==> flow/design.v <==
module dp_sel_unit_stage #(
    parameter WIDTH = 10
) (
    input  logic clk_i,
    input  logic [WIDTH-1:0] ch0,
    input  logic [WIDTH-1:0] ch1,
    input  logic [WIDTH-1:0] ch2,
    input  logic [WIDTH-1:0] ch3,
    input  logic [WIDTH-1:0] ch4,
    input  logic [2:0] choose,
    output logic [WIDTH-1:0] q
);
    logic [WIDTH-1:0] ch0_s;
    logic [WIDTH-1:0] ch1_s;
    logic [WIDTH-1:0] ch2_s;
    logic [WIDTH-1:0] ch3_s;
    logic [WIDTH-1:0] ch4_s;
    logic [2:0] choose_s;
    always_ff @(posedge clk_i) begin
        ch0_s <= ch0;
        ch1_s <= ch1;
        ch2_s <= ch2;
        ch3_s <= ch3;
        ch4_s <= ch4;
        choose_s <= choose;
    end
    logic [WIDTH-1:0] work;
    assign work =
        (choose_s == 3'd0) ? ch0_s :
        (choose_s == 3'd1) ? ch1_s :
        (choose_s == 3'd2) ? ch2_s :
        (choose_s == 3'd3) ? ch3_s :
        ch4_s;
    logic [WIDTH-1:0] q_s;
    always_ff @(posedge clk_i) begin
        q_s <= work;
    end
    assign q = q_s;
endmodule
# --- From RTL to reports: dp_sel_unit_stage ---
# Tool output for the design above, in the order of the flow.
# Line numbers count from 1 in the design file above.
# Operators carry their Yosys type and port widths (W data, S select, Z words).
# Cell names lack the library's common part.
inputs:
  top_module: "dp_sel_unit_stage"
  clock_port: "clk_i"
  library: "sky130hd"
  corner: "tt_025C_1v80"

# --- Elaborated design ---
# Yosys after proc, flatten, opt, wreduce and memory -nomap, before mapping. Enables and synchronous resets that opt folds into registers are not counted as muxes. Memory bits, and registers merged into a memory's read port (data or address), are not among the register bits. Print and check cells are not counted. Equal cells are merged and count once.
classes:
  equal: 3
  muxes: 4
  reduce_and_logical: 1
ops:
  columns: ["op", "n"]
  rows:
  - ["$mux W10", 4]
  - ["$eq A3 B2 Y1 const B", 2]
  - ["$eq A3 B1 Y1 const B", 1]
  - ["$logic_not A3 Y1", 1]
bits:
  reg_bits: 63
  inputBits: 54
  output_inout_bits: 10

# --- Logic depth ---
# Depth = most cells in a row (Yosys ltp): at word level without a register or memory, in the mapped netlist without a sequential cell, where the memories' decode and read muxes count.
depth:
  ltp_word: 5
  abc_area: 0
  ltp_mapped: 4

# --- Netlist ---
# The flow's flattened synthesis, as Yosys stat reports it; memories are mapped. The netlist is that of the ABC_AREA named above (0 if unset); the other value can give another one.
# The area totals of this step are shown rounded.
by_type:
  columns: ["type", "n"]
  rows:
  - ["dfxtp_1", 63]
  - ["a22oi_2", 10]
  - ["o211ai_2", 10]
  - ["mux2i_1", 10]
  - ["nor2b_1", 8]
  - ["buf_6", 4]
  - ["nand2_1", 10]
  - ["nor3_4", 1]
  - ["and2b_1", 2]
  - ["nor2b_2", 1]
  - ["nand2b_1", 1]
  - ["clkbuf_2", 1]
synth_totals:
  cells: 121
  area_um2: 1795
  sequential_area_um2: 1261
  flip_flops: 63
  buffers: 5

# --- Path before layout ---
# OpenSTA on the mapped netlist: ideal clock, no wires. The path of least setup slack (recovery checks aside). Input and output delay are each 20% of the period. Register names are those of the netlist, which keeps one name where synthesis merged equal registers.
synth_timing:
  path_type: "register -> register"
  startpoint: "reg (name not given)"
  endpoint: "reg q_s[8]"
  period_ps: 1230
  arrival_time_ps: 855
  slack_ps: 249
  path_delay_ps: 980
  driving_pins: 4
  period_less_setup_slack_ps: 981
# "path_delay_ps" = arrival - input delay + setup time.
# "driving_pins" counts driving pins, that of a launching flip-flop among them; a cell with two outputs on the path counts twice.
# "period_less_setup_slack_ps" = period - worst setup slack (recovery checks aside). The figure is calculated, with input and output delays left at 20% of the set period.
# Between the ends stands the longest chain of elaborated cells between them, by number of cells; it is not shown to be the way that was timed. Of several equally long chains one is given.
# A line is the first line of the expression or statement that the cell stems from. Yosys adds cells for indexed reads and writes and turns some case tables into memories.
synth_via:
  cell_sequence: "dfxtp_1 -> buf_6 -> mux2i_1 -> o211ai_2"
  elab_chain_len: 5
  cells_between: 8
synth_rtl:
  columns: ["item", "line", "rtl"]
  rows:
  - ["start, declared", 18, null]
  - ["start, assigned", 25, null]
  - ["$eq A3 B2 Y1", 32, null]
  - ["$mux W10", 32, null]
  - ["$mux W10", 31, null]
  - ["$mux W10", 30, null]
  - ["$mux W10", 29, null]
  - ["end, assigned", 36, "q_s <= work;"]
  - ["end, declared", 34, "logic [WIDTH-1:0] q_s;"]

# --- Path in the finished layout ---
# From the final timing report of job 1: the path of least setup slack in the routed layout; clock arrival at registers is part of the times.
# The report prints the path's times to 10 ps; the period is as set.
layout_timing:
  path_type: "register -> register"
  startpoint: "reg (name not given)"
  endpoint: "reg q_s[1]"
  period_ps: 1240
  arrival_time_ps: 1440
  slack_ps: 10
  driving_pins: 4
# Between the ends stands the longest chain of elaborated cells between them, by number of cells; it is not shown to be the way that was timed. Of several equally long chains one is given.
layout_via:
  cell_sequence: "dfxtp_1 -> buf_4 -> mux2i_1 -> o211ai_2"
  elab_chain_len: 5
  cells_between: 8
layout_rtl:
  columns: ["item", "line", "rtl"]
  rows:
  - ["start, declared", 18, null]
  - ["start, assigned", 25, null]
  - ["$eq A3 B2 Y1", 32, null]
  - ["$mux W10", 32, null]
  - ["$mux W10", 31, null]
  - ["$mux W10", 30, null]
  - ["$mux W10", 29, null]
  - ["end, assigned", 36, "q_s <= work;"]
  - ["end, declared", 34, "logic [WIDTH-1:0] q_s;"]

# Top module dp_sel_unit_stage; platform sky130hd; tools Yosys and OpenROAD; 3 stored runs in no particular order. Input and output delays are each 20% of the period that was set; the output load is 0.01 pF.
# "period_less_ws_ps": clock period set for the run, less the worst setup slack. It is reckoned from that one timing run; input and output delays stay at 20% of the period that was set.
# "timing.worst_path_ps" is the time allowed to the run's worst setup path (the clock period less input and output delay, where it has them) less its slack. Clock arrival times count: a late capture clock shortens it, a late launch clock lengthens it.
# "total_power_uw" rests on the timing tool's default activity at the inputs, not on a simulated workload.
# "timing.worst_path_ps" is known to 10 ps.
# Results are given in rounded form.
runs:
  - name: "job 1"
    settings:
      period_ns: 1.24
      CORE_UTILIZATION: 53
      SETUP_SLACK_MARGIN: -0.09
      PLACE_DENSITY: 0.38
      CORE_ASPECT_RATIO: 0.58
      CELL_PAD_IN_SITES_GLOBAL_PLACEMENT: 1
      CELL_PAD_IN_SITES_DETAIL_PLACEMENT: 0
      TNS_END_PERCENT: 85
      SLEW_MARGIN: 30
      MIN_ROUTING_LAYER: "met2"
      MAX_ROUTING_LAYER: "met5"
      CAP_MARGIN: 20
      CORE_MARGIN: 2
    results:
      final_stdcell_area_um2: 2679
      design.die.area_um2: 3887
      post_route_util_frac: 0.811
      total_negative_slack_ps: 0
      timing.worst_path_ps: 1230
      timing.worst_path_kind: "register -> register"
      total_power_uw: 4401
      hold_ws_ps: 351
      ws_setup_ps: 11
      synth_chip_area_um2: 1795
      period_less_ws_ps: 1229
  - name: "job 2"
    settings:
      period_ns: 1.9
      CORE_UTILIZATION: 39
      SETUP_SLACK_MARGIN: -0.02
      PLACE_DENSITY: 0.91
      CORE_ASPECT_RATIO: 0.51
      CELL_PAD_IN_SITES_DETAIL_PLACEMENT: 1
      GPL_TIMING_DRIVEN: 1
      GPL_ROUTABILITY_DRIVEN: 1
      CTS_CLUSTER_SIZE: 86
      CTS_CLUSTER_DIAMETER: 84
      CAP_MARGIN: 5
      SLEW_MARGIN: 25
      MAX_ROUTING_LAYER: "met5"
      CORE_MARGIN: 2
    results:
      ws_setup_ps: 299
      total_power_uw: 2975
      hold_ws_ps: 466
      timing.worst_path_ps: 1220
      timing.worst_path_kind: "register -> output"
      final_stdcell_area_um2: 2696
      post_route_util_frac: 0.618
      period_less_ws_ps: 1601
      synth_chip_area_um2: 1795
      total_negative_slack_ps: 0
      design.die.area_um2: 5194
  - name: "job 3"
    settings:
      period_ns: 1.23
      CAP_MARGIN: 20
      CORE_MARGIN: 2
      CORE_UTILIZATION: 40
      SLEW_MARGIN: 20
    results:
      final_stdcell_area_um2: 2733
      synth_chip_area_um2: 1795
      ws_setup_ps: 72
      period_less_ws_ps: 1158
      hold_ws_ps: 357
      design.die.area_um2: 5040
      total_power_uw: 4577
      total_negative_slack_ps: 0
      post_route_util_frac: 0.632
      timing.worst_path_ps: 910
      timing.worst_path_kind: "register -> output"
